==> flow/design.v <==
module as_core_n #(
    parameter WIDTH = 80
) (
    input  wire clk,
    input  wire [WIDTH-1:0] i_op_a,
    input  wire [WIDTH-1:0] i_op_b,
    output wire [WIDTH-1:0] o_res
);
    reg [WIDTH-1:0] op_a_r;
    reg [WIDTH-1:0] op_b_r;
    always @(posedge clk) begin
        op_a_r <= i_op_a;
        op_b_r <= i_op_b;
    end
    assign o_res = (op_a_r > op_b_r) ? op_a_r - op_b_r : op_b_r - op_a_r;
endmodule
# Step by step through the tools: as_core_n
# The steps from the RTL of as_core_n to its reports follow in flow order.
# Line numbers count from 1 in the design file above.
# Operators carry their Yosys type and port widths (W data, S select, Z words).
# Not given: --
# inputs
design,as_core_n
clock,clk
lib,sky130hd
pvt_corner,tt_025C_1v80

# Word level
# Counts by Yosys on the flattened word-level netlist (proc, flatten, opt, wreduce; memories kept). Register bits leave out memories and registers merged into their read ports (data or address); mux counts leave out enables and synchronous resets folded into registers. Print and check cells are left out. Cells with the same type and inputs are merged into one.
# word_totals
in_bits,161
reg_bits,160
out_inout_bits,80
wordCells,6
# classes
n_addsub,2
compare,1
mux,1
# ops
cell,n
$sub A80 B80 Y80,2
$gt A80 B80 Y1,1
$mux W80,1

# Longest topological paths
# Depth = most cells in a row (Yosys ltp): at word level without a register or memory, in the mapped netlist without a sequential cell, where the memories' decode and read muxes count.
# logic_depth
ltp_word,2
ABC_AREA,0
mapped_depth,15
mapped_depth_nobuf,13

# After synthesis
# Yosys stat after the flow's synthesis: flattened, memories mapped to cells. It holds for the ABC_AREA given above (unset counts as 0); a run with the other value may have another netlist.
# synth_totals
ff_cells,160
buffers,84
seq_area_um2,3203.1
cells,1885
mapped_area_um2,14009.7
# by_type
cell,n,type_area_um2
sky130_fd_sc_hd__dfxtp_1,160,3.2E+03
sky130_fd_sc_hd__ha_1,159,1.99E+03
sky130_fd_sc_hd__a21oi_1,291,1.46E+03
sky130_fd_sc_hd__o21ai_0,169,845.811
sky130_fd_sc_hd__inv_1,184,690.662
sky130_fd_sc_hd__nor2_1,145,544.272
sky130_fd_sc_hd__nand2_1,144,540.518
sky130_fd_sc_hd__xnor2_1,43,376.611
sky130_fd_sc_hd__nand4_1,55,344.08
sky130_fd_sc_hd__mux2i_1,32,320.307
sky130_fd_sc_hd__xor2_1,35,306.544
sky130_fd_sc_hd__o21bai_1,39,292.781
sky130_fd_sc_hd__a21o_1,37,277.766
sky130_fd_sc_hd__buf_2,49,245.235
sky130_fd_sc_hd__o21a_1,28,210.202
sky130_fd_sc_hd__o211ai_1,20,150.144
sky130_fd_sc_hd__a211oi_1,19,142.637
sky130_fd_sc_hd__buf_4,19,142.637
# Other cell types: 58; their cells: 257.

# Path before layout
# Path of least setup slack by OpenSTA after synthesis, without wires, with an ideal clock, recovery checks aside; 20% of the period is set as input and as output delay. Where synthesis merged equal registers, the netlist keeps one of their names.
# synth_path
kind,register -> output
start,register op_a_r[0]
end,output port o_res[46]
required_ns,3.664
path_slack_ns,0.731
stages,15
period_ns,4.58
t_first_pin_ns,0.000
delay_ns,2.933
output_delay_ns,0.916
arrival_ns,2.933
n_path_buf,1
period_less_setup_slack_ns,3.849
# "delay_ns" = arrival - input delay + setup time.
# At an output port there is no setup time.
# "stages": output pins that drive a net of the path, with the launching flip-flop's if there is one; two outputs of one cell count as two.
# "period_less_setup_slack_ns" is the clock period less the worst setup slack; recovery checks do not enter. This is arithmetic on one report: input and output delays are still those of the set period (20% each).
# The rows between start and end are the longest chain of elaborated cells between them; the timing report does not say that the signal goes this way. Where chains are equally long, one stands for them.
# A line is the first line of the expression or statement that the cell stems from. Yosys adds cells for indexed reads and writes and turns some case tables into memories.
# synth_between
path_cell_list,sky130_fd_sc_hd__dfxtp_1 sky130_fd_sc_hd__inv_1 sky130_fd_sc_hd__ha_1 sky130_fd_sc_hd__fa_1 sky130_fd_sc_hd__nand3b_1 sky130_fd_sc_hd__a211oi_1 sky130_fd_sc_hd__a211oi_2 sky130_fd_sc_hd__o211ai_2 sky130_fd_sc_hd__a211oi_1 sky130_fd_sc_hd__o31ai_4 sky130_fd_sc_hd__a21o_1 sky130_fd_sc_hd__buf_4 sky130_fd_sc_hd__mux2i_1 sky130_fd_sc_hd__a21oi_1 sky130_fd_sc_hd__xnor2_1
elab_chain_len,2
cells_between,4
cone_lines,1
classes_between,add/sub (2); compare (1); mux (1)
# synth_lines
element,line,rtl
start: declaration,9,reg [WIDTH-1:0] op_a_r;
start: assignment,12,op_a_r <= i_op_a;
$sub A80 B80 Y80,15,assign o_res = (op_a_r > op_b_r) ? op_a_r - op_b_r : op_b_r - op_a_r;
$mux W80,15,
end: declaration,7,output wire [WIDTH-1:0] o_res

# Path in the finished layout
# From the final timing report of run A: the path of least setup slack in the routed layout; clock arrival at registers is part of the times.
# layout_path
kind,register -> output
start,register op_a_r[0]
end,output port o_res[17]
output_delay_ns,0.83
period_ns,4.16
required_ns,3.33
n_path_buf,4
path_slack_ns,-0.64
t_first_pin_ns,0.49
stages,17
arrival_ns,3.97
# The rows between start and end are the longest chain of elaborated cells between them; the timing report does not say that the signal goes this way. Where chains are equally long, one stands for them.
# layout_between
path_cell_list,sky130_fd_sc_hd__dfxtp_2 sky130_fd_sc_hd__inv_2 sky130_fd_sc_hd__ha_4 sky130_fd_sc_hd__fa_2 sky130_fd_sc_hd__nand3b_1 sky130_fd_sc_hd__a211oi_2 sky130_fd_sc_hd__a211oi_4 sky130_fd_sc_hd__o211ai_2 sky130_fd_sc_hd__a211oi_4 sky130_fd_sc_hd__o31ai_4 sky130_fd_sc_hd__a21oi_4 sky130_fd_sc_hd__buf_8 sky130_fd_sc_hd__buf_12 sky130_fd_sc_hd__buf_6 sky130_fd_sc_hd__o41ai_4 sky130_fd_sc_hd__xnor2_1 sky130_fd_sc_hd__buf_2
elab_chain_len,2
cells_between,4
cone_lines,1
classes_between,add/sub (2); compare (1); mux (1)
# layout_lines
element,line,rtl
start: declaration,9,reg [WIDTH-1:0] op_a_r;
start: assignment,12,op_a_r <= i_op_a;
$sub A80 B80 Y80,15,assign o_res = (op_a_r > op_b_r) ? op_a_r - op_b_r : op_b_r - op_a_r;
$mux W80,15,
end: declaration,7,output wire [WIDTH-1:0] o_res

# Record of 3 stored runs of the RTL-to-layout flow on as_core_n, platform sky130hd. The runs are unordered. Constraints: input delay and output delay 20% of the set period each, output load 0.01 pF.
# By "final_power_w" is meant OpenSTA's value without simulated activity: inputs other than the clock are taken to toggle once in ten clock periods, and the tool carries that through the logic.
# Settings: -- = not set for that run.
# Results: -- = not shown.
stored run,period_ns,CORE_UTILIZATION,PLACE_DENSITY_LB_ADDON,CELL_PAD_IN_SITES_GLOBAL_PLACEMENT,CTS_CLUSTER_SIZE,CTS_CLUSTER_DIAMETER,CAP_MARGIN,CORE_MARGIN,SLEW_MARGIN,SETUP_SLACK_MARGIN,PLACE_DENSITY,HOLD_SLACK_MARGIN,TNS_END_PERCENT,ABC_AREA,MIN_ROUTING_LAYER,MAX_ROUTING_LAYER,final_power_w,die_footprint_um2,utilization_pct,fin_ws_ns,ys_area_um2,hold_worst_slack_ns
run A,4.16,37,0.28,0,100,276,20,2,20,--,--,--,--,--,--,--,0.007546,39436.0,68.4,-0.640,14009.7,0.776
run B,2.48,59,--,3,23,112,30,2,15,-0.14,0.69,-0.06,25,1,met2,met4,--,--,--,--,--,--
run C,4.58,40,--,--,--,--,20,2,20,--,--,--,--,--,--,--,0.006618,36536.4,70.5,-0.348,14009.7,0.876
# Run B: incomplete, placement halted on GPL-0301
